==> flow/design.v <==
module dp_scratch_stage #(
    parameter integer D = 12,
    parameter integer W = 48,
    parameter integer AWIDTH = $clog2(D)
) (
    input  wire CLK,
    input  wire i_rst,
    input  wire load_i,
    input  wire [AWIDTH-1:0] wr_idx_i,
    input  wire [W-1:0] wd_i,
    input  wire [AWIDTH-1:0] ra_i,
    output wire [W-1:0] rdata_o
);
    reg load_r;
    reg [AWIDTH-1:0] wr_idx_r;
    reg [W-1:0] wd_r;
    reg [W-1:0] regs [0:D-1];
    always @(posedge CLK) begin
        if (load_r)
            regs[wr_idx_r] <= wd_r;
    end
    reg [AWIDTH-1:0] ra_r;
    assign rdata_o = regs[ra_r];
    always @(posedge CLK) begin
        if (i_rst) begin
            load_r <= 1'b0;
            wr_idx_r <= 0;
            wd_r <= 0;
            ra_r <= 0;
        end else begin
            load_r <= load_i;
            wr_idx_r <= wr_idx_i;
            wd_r <= wd_i;
            ra_r <= ra_i;
        end
    end
endmodule
=== Step by step through the tools: dp_scratch_stage ===
Tool output for the design above, in the order of the flow.
Line numbers count from 1 in the design file above.
Operators carry their Yosys type and port widths (W data, S select, Z words).
Not given: -

* Top module: dp_scratch_stage
* Clock port: CLK
* Cell library: sky130hd
* Timing corner: tt_025C_1v80

=== Elaborated design ===
Counts by Yosys on the flattened word-level netlist (proc, flatten, opt, wreduce; memories kept). Print and check cells are left out. Cells with the same type and inputs are merged into one.
Memory sizes are those after Yosys's memory passes, which may raise the word count (mostly to a power of two), join words into wider ones and drop unused or constant bits.

* Bits in registers: 53
* Latch bits: 0
* Memory bits (writable): 576
* Memory bits (read-only): 0
* Word width x clocked read ports: 48
* Memory cells: 1
* Output and inout port bits: 48

* $add $sub $neg: 0
* Multipliers: 0
* Divide/modulo/power cells: 0
* Order comparisons: 0
* Equality and inequality tests: 0
* Shift operators: 0
* Mux-type cells: 4
* Bitwise logic cells: 0
* Reductions and logical operators: 0

{| class="wikitable"
|+ Memories
! memory !! depth !! bits a word !! rd ports !! write ports !! line !! text
|-
| regs || 12 || 48 || 1 || 1 || 17 || <nowiki>reg [W-1:0] regs [0:D-1];</nowiki>
|}

{| class="wikitable"
|+ Operators with widths
! kind !! number
|-
| $mux W48 || 1
|-
| $mux W4 || 2
|-
| $mux W1 || 1
|}

=== Logic depth ===
Yosys ltp: most cells in a row. Word level: on the elaborated netlist, between registers, memories and ports. Mapped: between sequential cells and ports; inverters and the memories' decode and read muxes count.

* Depth in word-level cells: 1
* ABC_AREA: 0
* Mapped depth: 6
* Depth with buffers taken out: 3

=== After synthesis ===
The flow's flattened synthesis, as Yosys stat reports it; memories are mapped. The netlist is that of the ABC_AREA named above (0 if unset); the other value can give another one.

* Standard cells after synthesis: 1215
* Synthesis area: 23795.3 µm²
* Area of sequential cells: 18437.7 µm²
* Mapped flip-flops: 633

{| class="wikitable"
|+ Cell types
! cell type !! number !! area in all (µm²)
|-
| sky130_fd_sc_hd__edfxtp_1 || 576 || 1.73E+04
|-
| sky130_fd_sc_hd__dfxtp_1 || 57 || 1.14E+03
|-
| sky130_fd_sc_hd__mux2_2 || 96 || 1.08E+03
|-
| sky130_fd_sc_hd__mux4_2 || 48 || 1.08E+03
|-
| sky130_fd_sc_hd__mux2i_1 || 96 || 960.922
|-
| sky130_fd_sc_hd__a22o_1 || 48 || 420.403
|-
| sky130_fd_sc_hd__nor2b_1 || 58 || 362.848
|-
| sky130_fd_sc_hd__o31ai_1 || 43 || 322.81
|-
| sky130_fd_sc_hd__o22ai_1 || 48 || 300.288
|-
| sky130_fd_sc_hd__nand2_1 || 50 || 187.68
|-
| sky130_fd_sc_hd__buf_6 || 15 || 168.912
|-
| sky130_fd_sc_hd__clkbuf_1 || 27 || 101.347
|-
| sky130_fd_sc_hd__buf_2 || 17 || 85.082
|-
| sky130_fd_sc_hd__o31ai_2 || 5 || 62.56
|-
| sky130_fd_sc_hd__buf_12 || 3 || 60.058
|-
| sky130_fd_sc_hd__buf_4 || 6 || 45.043
|-
| sky130_fd_sc_hd__nor2_1 || 10 || 37.536
|-
| sky130_fd_sc_hd__nand2b_1 || 3 || 18.768
|}

Other cell types: 5; their cells: 9.

=== Path before layout ===
OpenSTA on the mapped netlist: ideal clock, no wires. The path of least setup slack (recovery checks aside). Input and output delay are each 20% of the period. Register names are those of the netlist, which keeps one name where synthesis merged equal registers.

* Path type: register -> register
* Start point: reg load_r
* End point: mem regs[0][0]
* Period: 5.76 ns
* Time at the first pin: 0.000 ns
* Arrival time: 4.094 ns
* Required time: 5.247 ns
* Setup slack: 1.153 ns
* Path delay: 4.607 ns
* Driving pins on the path: 3
* Synthesis period reached: 4.607 ns

"path delay" is the arrival time less input delay plus setup time.
"driving pins on the path": output pins that drive a net of the path, with the launching flip-flop's if there is one; two outputs of one cell count as two.
"synthesis period reached" = period - worst setup slack (recovery checks aside). The figure is calculated, with input and output delays left at 20% of the set period.
The rows between start and end are the longest chain of elaborated cells between them; the timing report does not say that the signal goes this way. Where chains are equally long, one stands for them.
Each line given opens the expression or statement behind the cell; cells for indexed reads and writes are added by Yosys, which also makes memories of some case tables.
Only ways into the end's enable, where the timed path ends, are counted here.

* Cell sequence: sky130_fd_sc_hd__dfxtp_1 -> sky130_fd_sc_hd__or3b_2 -> sky130_fd_sc_hd__nor3_1
* Length of the longest elaborated chain: 1

{| class="wikitable"
|+ Ends and longest elaborated chain, after synthesis
! what !! line !! text
|-
| start: declaration || 14 || <nowiki>reg load_r;</nowiki>
|-
| start: assignment || 26 || <nowiki>load_r <= 1'b0;</nowiki>
|-
| start: assignment || 31 || <nowiki>load_r <= load_i;</nowiki>
|-
| $mux W4 || 19 || <nowiki>if (load_r)</nowiki>
|-
| end: declaration || 17 || <nowiki>reg [W-1:0] regs [0:D-1];</nowiki>
|}

=== Path in the finished layout ===
Path of least setup slack in the final report of stored run 1 (OpenROAD, finished layout, wires in). Where an end is a register, its clock arrival counts in the times.

* Path type: register -> output
* Start point: reg (name not given)
* End point: out rdata_o[19]
* Period: 5.76 ns
* Output delay: 1.15 ns
* Time at the first pin: 0.59 ns
* Arrival time: 3.46 ns
* Required time: 4.61 ns
* Setup slack: 1.15 ns
* Driving pins on the path: 6

* Cell sequence: sky130_fd_sc_hd__dfxtp_4 -> sky130_fd_sc_hd__buf_4 -> sky130_fd_sc_hd__mux2_2 -> sky130_fd_sc_hd__o22ai_1 -> sky130_fd_sc_hd__o31ai_2 -> sky130_fd_sc_hd__clkdlybuf4s50_1

{| class="wikitable"
|+ Ends and longest elaborated chain, after layout
! what !! line !! text
|-
| end: declaration || 12 || <nowiki>output wire [W-1:0] rdata_o</nowiki>
|}

Chain of elaborated cells between the ends: none given.

3 stored runs of dp_scratch_stage in the flow (synthesis by Yosys, layout by OpenROAD, sky130hd cells), in arbitrary order. Constraints: input delay and output delay 20% of the set period each, output load 0.01 pF.
"period achieved" = clock period - worst setup slack. The figure is calculated, with input and output delays left at 20% of the set period.
"time of the worst setup path" means the part of the period allowed to the worst setup path (the constraints hold back 20% at inputs and 20% at outputs) less its slack; where the path has registers, the arrival times of their clocks count too.
By "total power of the final layout" is meant OpenSTA's value without simulated activity: inputs other than the clock are taken to toggle once in ten clock periods, and the tool carries that through the logic.

=== Stored run 1 ===
{| class="wikitable"
! Setting !! Value
|-
| period_ns || 5.76
|-
| CAP_MARGIN || 20
|-
| CORE_MARGIN || 2
|-
| CORE_UTILIZATION || 40
|-
| SLEW_MARGIN || 20
|-
! Result !! Value
|-
| Sum of negative setup slack || 0.000 ns
|-
| Std-cell area (final layout) || 27876.7 µm²
|-
| Total power of the final layout || 9842 uW
|-
| Period achieved || 4.610 ns
|-
| Synthesis area || 23795.3 µm²
|-
| Full die area || 61454.4 µm²
|-
| Worst setup slack after layout || 1.150 ns
|-
| Utilization || 47.3 %
|-
| Worst hold slack in the final report || 0.605 ns
|-
| Time of the worst setup path || 3.46 ns
|-
| Worst setup path kind || register -> output
|}

=== Stored run 2 ===
{| class="wikitable"
! Setting !! Value
|-
| period_ns || 7.81
|-
| CORE_UTILIZATION || 47
|-
| SETUP_SLACK_MARGIN || 0.75
|-
| PLACE_DENSITY_LB_ADDON || 0.27
|-
| HOLD_SLACK_MARGIN || 0.28
|-
| TNS_END_PERCENT || 20
|-
| SLEW_MARGIN || 25
|-
| MAX_ROUTING_LAYER || met4
|-
| CAP_MARGIN || 20
|-
| CORE_MARGIN || 2
|-
! Result !! Value
|-
| Sum of negative setup slack || 0.000 ns
|-
| Std-cell area (final layout) || 27422.6 µm²
|-
| Total power of the final layout || 7004 uW
|-
| Period achieved || 5.398 ns
|-
| Synthesis area || 23795.3 µm²
|-
| Full die area || 52443.3 µm²
|-
| Worst setup slack after layout || 2.412 ns
|-
| Utilization || 54.8 %
|-
| Worst hold slack in the final report || 0.614 ns
|-
| Time of the worst setup path || 3.84 ns
|-
| Worst setup path kind || register -> output
|}

=== Stored run 3 ===
{| class="wikitable"
! Setting !! Value
|-
| period_ns || 3.87
|-
| CORE_UTILIZATION || 22
|-
| SETUP_SLACK_MARGIN || -0.25
|-
| PLACE_DENSITY_LB_ADDON || 0.25
|-
| HOLD_SLACK_MARGIN || 0.21
|-
| CORE_ASPECT_RATIO || 1.47
|-
| CORE_MARGIN || 5
|-
| CELL_PAD_IN_SITES_GLOBAL_PLACEMENT || 0
|-
| TNS_END_PERCENT || 80
|-
| GPL_ROUTABILITY_DRIVEN || 1
|-
| CTS_CLUSTER_SIZE || 67
|-
| CTS_CLUSTER_DIAMETER || 104
|-
| CAP_MARGIN || 35
|-
| SLEW_MARGIN || 20
|-
| MIN_ROUTING_LAYER || met2
|-
! Result !! Value
|-
| Sum of negative setup slack || -0.029 ns
|-
| Std-cell area (final layout) || 27523.9 µm²
|-
| Total power of the final layout || 11363 uW
|-
| Period achieved || 3.888 ns
|-
| Synthesis area || 23795.3 µm²
|-
| Full die area || 114960.0 µm²
|-
| Worst setup slack after layout || -0.018 ns
|-
| Utilization || 25.6 %
|-
| Worst hold slack in the final report || 0.599 ns
|-
| Time of the worst setup path || 3.11 ns
|-
| Worst setup path kind || register -> output
|}
